==> flow/design.v <==
module u_arith_add_top #(
    parameter integer DWIDTH = 8
) (
    input  wire clk_i,
    input  wire rst_i,
    input  wire [DWIDTH-1:0] rs1_i,
    input  wire [DWIDTH-1:0] rs2_i,
    input  wire [DWIDTH-1:0] rs3_i,
    output wire [DWIDTH+1:0] out_o
);
    reg [DWIDTH-1:0] r_rs1;
    always @(posedge clk_i or posedge rst_i) begin
        if (rst_i) begin
            r_rs1 <= 0;
        end else begin
            r_rs1 <= rs1_i;
        end
    end
    reg [DWIDTH-1:0] r_rs2;
    always @(posedge clk_i or posedge rst_i) begin
        if (rst_i) begin
            r_rs2 <= 0;
        end else begin
            r_rs2 <= rs2_i;
        end
    end
    reg [DWIDTH-1:0] r_rs3;
    always @(posedge clk_i or posedge rst_i) begin
        if (rst_i) begin
            r_rs3 <= 0;
        end else begin
            r_rs3 <= rs3_i;
        end
    end
    wire [DWIDTH-1:0] val;
    assign val = r_rs1 ^ r_rs2 ^ r_rs3;
    wire [DWIDTH-1:0] carry;
    assign carry = (r_rs1 & r_rs2) | (r_rs1 & r_rs3) | (r_rs2 & r_rs3);
    assign out_o = val + {carry, 1'b0};
endmodule
* Reports on u_arith_add_top
Tool output for the members of one design family, told apart by "DWIDTH", in the order of the flow. The file above is the member DWIDTH 8. Line numbers count from 1 in each member's own file. Operators carry their Yosys type and port widths (W data, S select, Z words). The mark n/a stands for no value.
Inputs: top module u_arith_add_top, clock port clk_i, library sky130hd, timing corner tt_025C_1v80

* Source of the members
Lines of each other member's file that are new or changed against the file above; lines that a member lacks are not shown.
New or changed lines:
- DWIDTH 14 | RTL line 2 | parameter integer DWIDTH = 14
- DWIDTH 20 | RTL line 2 | parameter integer DWIDTH = 20
- DWIDTH 56 | RTL line 2 | parameter integer DWIDTH = 56

* Word level
Source: Yosys, flattened and elaborated, memories not mapped. Widths are those after wreduce; folded enables and synchronous resets count as part of the registers. Registers that Yosys merges into a memory's read port (data or address) are not register bits. Print and check cells do not count. Equal cells are merged and count once.
Bit counts:
- DWIDTH 8 | bits in registers 24, cells after elaboration 11
- DWIDTH 14 | bits in registers 42, cells after elaboration 11
- DWIDTH 20 | bits in registers 60, cells after elaboration 11
- DWIDTH 56 | bits in registers 168, cells after elaboration 11
Cells by class:
- DWIDTH 8 | add/subtract/negate cells 1, bitwise gates (word level) 7
- DWIDTH 14 | add/subtract/negate cells 1, bitwise gates (word level) 7
- DWIDTH 20 | add/subtract/negate cells 1, bitwise gates (word level) 7
- DWIDTH 56 | add/subtract/negate cells 1, bitwise gates (word level) 7
Operators with widths (kinds with counts):
- DWIDTH 8 | $and A8 B8 Y8: 3; $or A8 B8 Y8: 2; $xor A8 B8 Y8: 2; $add A8 B9 Y10: 1
- DWIDTH 14 | $and A14 B14 Y14: 3; $or A14 B14 Y14: 2; $xor A14 B14 Y14: 2; $add A14 B15 Y16: 1
- DWIDTH 20 | $and A20 B20 Y20: 3; $or A20 B20 Y20: 2; $xor A20 B20 Y20: 2; $add A20 B21 Y22: 1
- DWIDTH 56 | $and A56 B56 Y56: 3; $or A56 B56 Y56: 2; $xor A56 B56 Y56: 2; $add A56 B57 Y58: 1

* Depth
Yosys ltp: most cells in a row. Word level: on the elaborated netlist, between registers, memories and ports. Mapped: between sequential cells and ports; inverters and the memories' decode and read muxes count.
Logic depth:
- DWIDTH 8 | depth in word-level cells 4, ABC_AREA 0, mapped depth 9
- DWIDTH 14 | depth in word-level cells 4, ABC_AREA 0, mapped depth 11
- DWIDTH 20 | depth in word-level cells 4, ABC_AREA 0, mapped depth 11
- DWIDTH 56 | depth in word-level cells 4, ABC_AREA 0, mapped depth 13

* Netlist
Yosys stat after the flow's synthesis: flattened, memories mapped to cells. It holds for the ABC_AREA given above (unset counts as 0); a run with the other value may have another netlist.
Synthesis totals:
- DWIDTH 8 | cell count 80, mapped area 1129.8 um2, sequential area 600.6 um2, flip-flop cells 24
- DWIDTH 14 | cell count 150, mapped area 1998.2 um2, sequential area 1051.0 um2, flip-flop cells 42
- DWIDTH 20 | cell count 224, mapped area 3012.9 um2, sequential area 1501.4 um2, flip-flop cells 60
- DWIDTH 56 | cell count 758, mapped area 8775.9 um2, sequential area 4204.0 um2, flip-flop cells 168
Cells by type (type and count):
- DWIDTH 8 | sky130_fd_sc_hd__dfrtp_1: 24; sky130_fd_sc_hd__fa_1: 9; sky130_fd_sc_hd__ha_1: 7; sky130_fd_sc_hd__inv_1: 12; sky130_fd_sc_hd__a2111oi_4: 1; sky130_fd_sc_hd__xnor2_1: 3; sky130_fd_sc_hd__a21oi_1: 4; sky130_fd_sc_hd__a21o_2: 2; sky130_fd_sc_hd__xor2_1: 2; sky130_fd_sc_hd__mux2_4: 1; sky130_fd_sc_hd__o21bai_1: 2; sky130_fd_sc_hd__a211oi_2: 1; sky130_fd_sc_hd__nor2_1: 3; sky130_fd_sc_hd__nor3_1: 2; sky130_fd_sc_hd__o21ai_0: 2; sky130_fd_sc_hd__and2b_2: 1; sky130_fd_sc_hd__a211oi_1: 1; sky130_fd_sc_hd__a21o_1: 1; [+2]
- DWIDTH 14 | sky130_fd_sc_hd__dfrtp_1: 42; sky130_fd_sc_hd__fa_1: 15; sky130_fd_sc_hd__ha_1: 13; sky130_fd_sc_hd__xnor2_1: 8; sky130_fd_sc_hd__inv_1: 17; sky130_fd_sc_hd__a21o_1: 6; sky130_fd_sc_hd__a21oi_1: 9; sky130_fd_sc_hd__nor3_1: 4; sky130_fd_sc_hd__a31oi_1: 3; sky130_fd_sc_hd__and3_1: 3; sky130_fd_sc_hd__nand4_1: 3; sky130_fd_sc_hd__nor2_1: 5; sky130_fd_sc_hd__o41ai_2: 1; sky130_fd_sc_hd__a21boi_1: 2; sky130_fd_sc_hd__o211ai_1: 2; sky130_fd_sc_hd__a221o_2: 1; sky130_fd_sc_hd__nand2_1: 3; sky130_fd_sc_hd__and4_2: 1; [+12]
- DWIDTH 20 | sky130_fd_sc_hd__dfrtp_1: 60; sky130_fd_sc_hd__fa_1: 21; sky130_fd_sc_hd__ha_1: 19; sky130_fd_sc_hd__xnor2_1: 9; sky130_fd_sc_hd__a21oi_1: 14; sky130_fd_sc_hd__a21o_1: 7; sky130_fd_sc_hd__inv_1: 10; sky130_fd_sc_hd__o21bai_1: 5; sky130_fd_sc_hd__a21oi_2: 4; sky130_fd_sc_hd__o311ai_2: 2; sky130_fd_sc_hd__a211oi_1: 4; sky130_fd_sc_hd__nor2_1: 8; sky130_fd_sc_hd__a211oi_2: 2; sky130_fd_sc_hd__and3_1: 4; sky130_fd_sc_hd__nor2b_1: 4; sky130_fd_sc_hd__nand2_1: 6; sky130_fd_sc_hd__o211ai_1: 3; sky130_fd_sc_hd__a211oi_4: 1; [+41]
- DWIDTH 56 | sky130_fd_sc_hd__dfrtp_1: 168; sky130_fd_sc_hd__fa_1: 57; sky130_fd_sc_hd__ha_1: 55; sky130_fd_sc_hd__a21oi_1: 77; sky130_fd_sc_hd__xnor2_1: 31; sky130_fd_sc_hd__a21o_1: 27; sky130_fd_sc_hd__nand2_1: 53; sky130_fd_sc_hd__xor2_1: 19; sky130_fd_sc_hd__nor2_1: 41; sky130_fd_sc_hd__inv_1: 36; sky130_fd_sc_hd__o21ai_0: 27; sky130_fd_sc_hd__nand4_1: 20; sky130_fd_sc_hd__clkbuf_1: 24; sky130_fd_sc_hd__o21bai_1: 11; sky130_fd_sc_hd__a31oi_1: 11; sky130_fd_sc_hd__nand3_1: 12; sky130_fd_sc_hd__o211ai_1: 6; sky130_fd_sc_hd__nor4_1: 7; [+76]
The mark [+n] counts cells that are not listed.

* Path before layout
OpenSTA on the mapped netlist: ideal clock, no wires. The path of least setup slack (recovery checks aside). Input and output delay are each 20% of the period. Register names are those of the netlist, which keeps one name where synthesis merged equal registers.
Timing after synthesis:
- DWIDTH 8 | path type register to output, from register r_rs1[2], to output port out_o[8], period 3.36 ns, setup slack 0.540 ns, driving pins on the path 7, delay of the path 2.148 ns, period reached after synthesis 2.82 ns
- DWIDTH 14 | path type register to output, from register r_rs1[1], to output port out_o[9], period 3.53 ns, setup slack 0.565 ns, driving pins on the path 10, delay of the path 2.259 ns, period reached after synthesis 2.965 ns
- DWIDTH 20 | path type register to output, from register r_rs1[1], to output port out_o[17], period 4.16 ns, setup slack 0.665 ns, driving pins on the path 9, delay of the path 2.663 ns, period reached after synthesis 3.495 ns
- DWIDTH 56 | path type register to output, from register r_rs1[1], to output port out_o[51], period 5.07 ns, setup slack 0.811 ns, driving pins on the path 12, delay of the path 3.245 ns, period reached after synthesis 4.259 ns
"delay of the path" is the arrival time less input delay plus setup time. At an output port there is no setup time. "driving pins on the path" counts driving pins, that of a launching flip-flop among them; a cell with two outputs on the path counts twice. "period reached after synthesis" is the clock period less the worst setup slack; recovery checks do not enter. This is arithmetic on one report: input and output delays are still those of the set period (20% each). The rows between start and end are the longest chain of elaborated cells between them; the timing report does not say that the signal goes this way. Where chains are equally long, one stands for them. A line is the first line of the expression or statement that the cell stems from. Yosys adds cells for indexed reads and writes and turns some case tables into memories.
On the way, after synthesis, DWIDTH 8: cells in the longest elaborated chain 4
RTL lines, path after synthesis, DWIDTH 8:
- start: declaration | RTL line 11 | reg [DWIDTH-1:0] r_rs1;
- start: assignment | RTL line 14 | r_rs1 <= 0;
- start: assignment | RTL line 16 | r_rs1 <= rs1_i;
- $and A8 B8 Y8 | RTL line 38 | assign carry = (r_rs1 & r_rs2) | (r_rs1 & r_rs3) | (r_rs2 & r_rs3);
- $or A8 B8 Y8 x2 | RTL line 38
- $add A8 B9 Y10 | RTL line 39 | assign out_o = val + {carry, 1'b0};
- end: declaration | RTL line 9 | output wire [DWIDTH+1:0] out_o
On the way, after synthesis, DWIDTH 56: cells in the longest elaborated chain 4
RTL lines, path after synthesis, DWIDTH 56:
- start: declaration | RTL line 11 | reg [DWIDTH-1:0] r_rs1;
- start: assignment | RTL line 14 | r_rs1 <= 0;
- start: assignment | RTL line 16 | r_rs1 <= rs1_i;
- $and A56 B56 Y56 | RTL line 38 | assign carry = (r_rs1 & r_rs2) | (r_rs1 & r_rs3) | (r_rs2 & r_rs3);
- $or A56 B56 Y56 x2 | RTL line 38
- $add A56 B57 Y58 | RTL line 39 | assign out_o = val + {carry, 1'b0};
- end: declaration | RTL line 9 | output wire [DWIDTH+1:0] out_o

* Path in the finished layout
From the final timing report of each member's run: the path of least setup slack in the routed layout; clock arrival at registers is part of the times.
Timing post-layout:
- DWIDTH 8 | path type register to output, from register r_rs3[2], to output port out_o[8], period 3.36 ns, setup slack 0.13 ns, driving pins on the path 8, data arrival time 2.56 ns
- DWIDTH 14 | path type register to output, from register r_rs3[1], to output port out_o[9], period 3.53 ns, setup slack 0.12 ns, driving pins on the path 11, data arrival time 2.70 ns
- DWIDTH 20 | path type register to output, from register r_rs1[1], to output port out_o[9], period 4.16 ns, setup slack 0.14 ns, driving pins on the path 11, data arrival time 3.19 ns
- DWIDTH 56 | path type register to output, from register r_rs3[1], to output port out_o[53], period 5.07 ns, setup slack 0.06 ns, driving pins on the path 16, data arrival time 3.99 ns

* Measured runs
One run of the flow (Yosys, OpenROAD) for each member, with settings and measured results. Input and output delays are each 20% of the period that was set; the output load is 0.01 pF.
Settings: CAP_MARGIN 20, CORE_MARGIN 2, CORE_UTILIZATION 40, SLEW_MARGIN 20
Settings by member (period_ns):
- DWIDTH 8 | 3.36
- DWIDTH 14 | 3.53
- DWIDTH 20 | 4.16
- DWIDTH 56 | 5.07
Results:
- DWIDTH 8 | netlist area reported by Yosys 1129.8 um2, area of the die 3265.6 um2, standard-cell area after layout 1669.1 um2, utilization 0.616, worst setup slack after layout 0.128 ns, total negative slack 0.000 ns, total power of the final layout 0.0007796 W, period achieved 3.232 ns
- DWIDTH 14 | netlist area reported by Yosys 1998.2 um2, area of the die 5577.1 um2, standard-cell area after layout 2901.5 um2, utilization 0.606, worst setup slack after layout 0.119 ns, total negative slack 0.000 ns, total power of the final layout 0.001441 W, period achieved 3.411 ns
- DWIDTH 20 | netlist area reported by Yosys 3012.9 um2, area of the die 8242.8 um2, standard-cell area after layout 4234.1 um2, utilization 0.581, worst setup slack after layout 0.137 ns, total negative slack 0.000 ns, total power of the final layout 0.001874 W, period achieved 4.023 ns
- DWIDTH 56 | netlist area reported by Yosys 8775.9 um2, area of the die 23140.5 um2, standard-cell area after layout 12231.7 um2, utilization 0.564, worst setup slack after layout 0.063 ns, total negative slack 0.000 ns, total power of the final layout 0.004747 W, period achieved 5.007 ns
"period achieved" means the clock period less the worst setup slack. The figure is calculated, with input and output delays left at 20% of the set period. "total power of the final layout" rests on the timing tool's default activity at the inputs, not on a simulated workload.
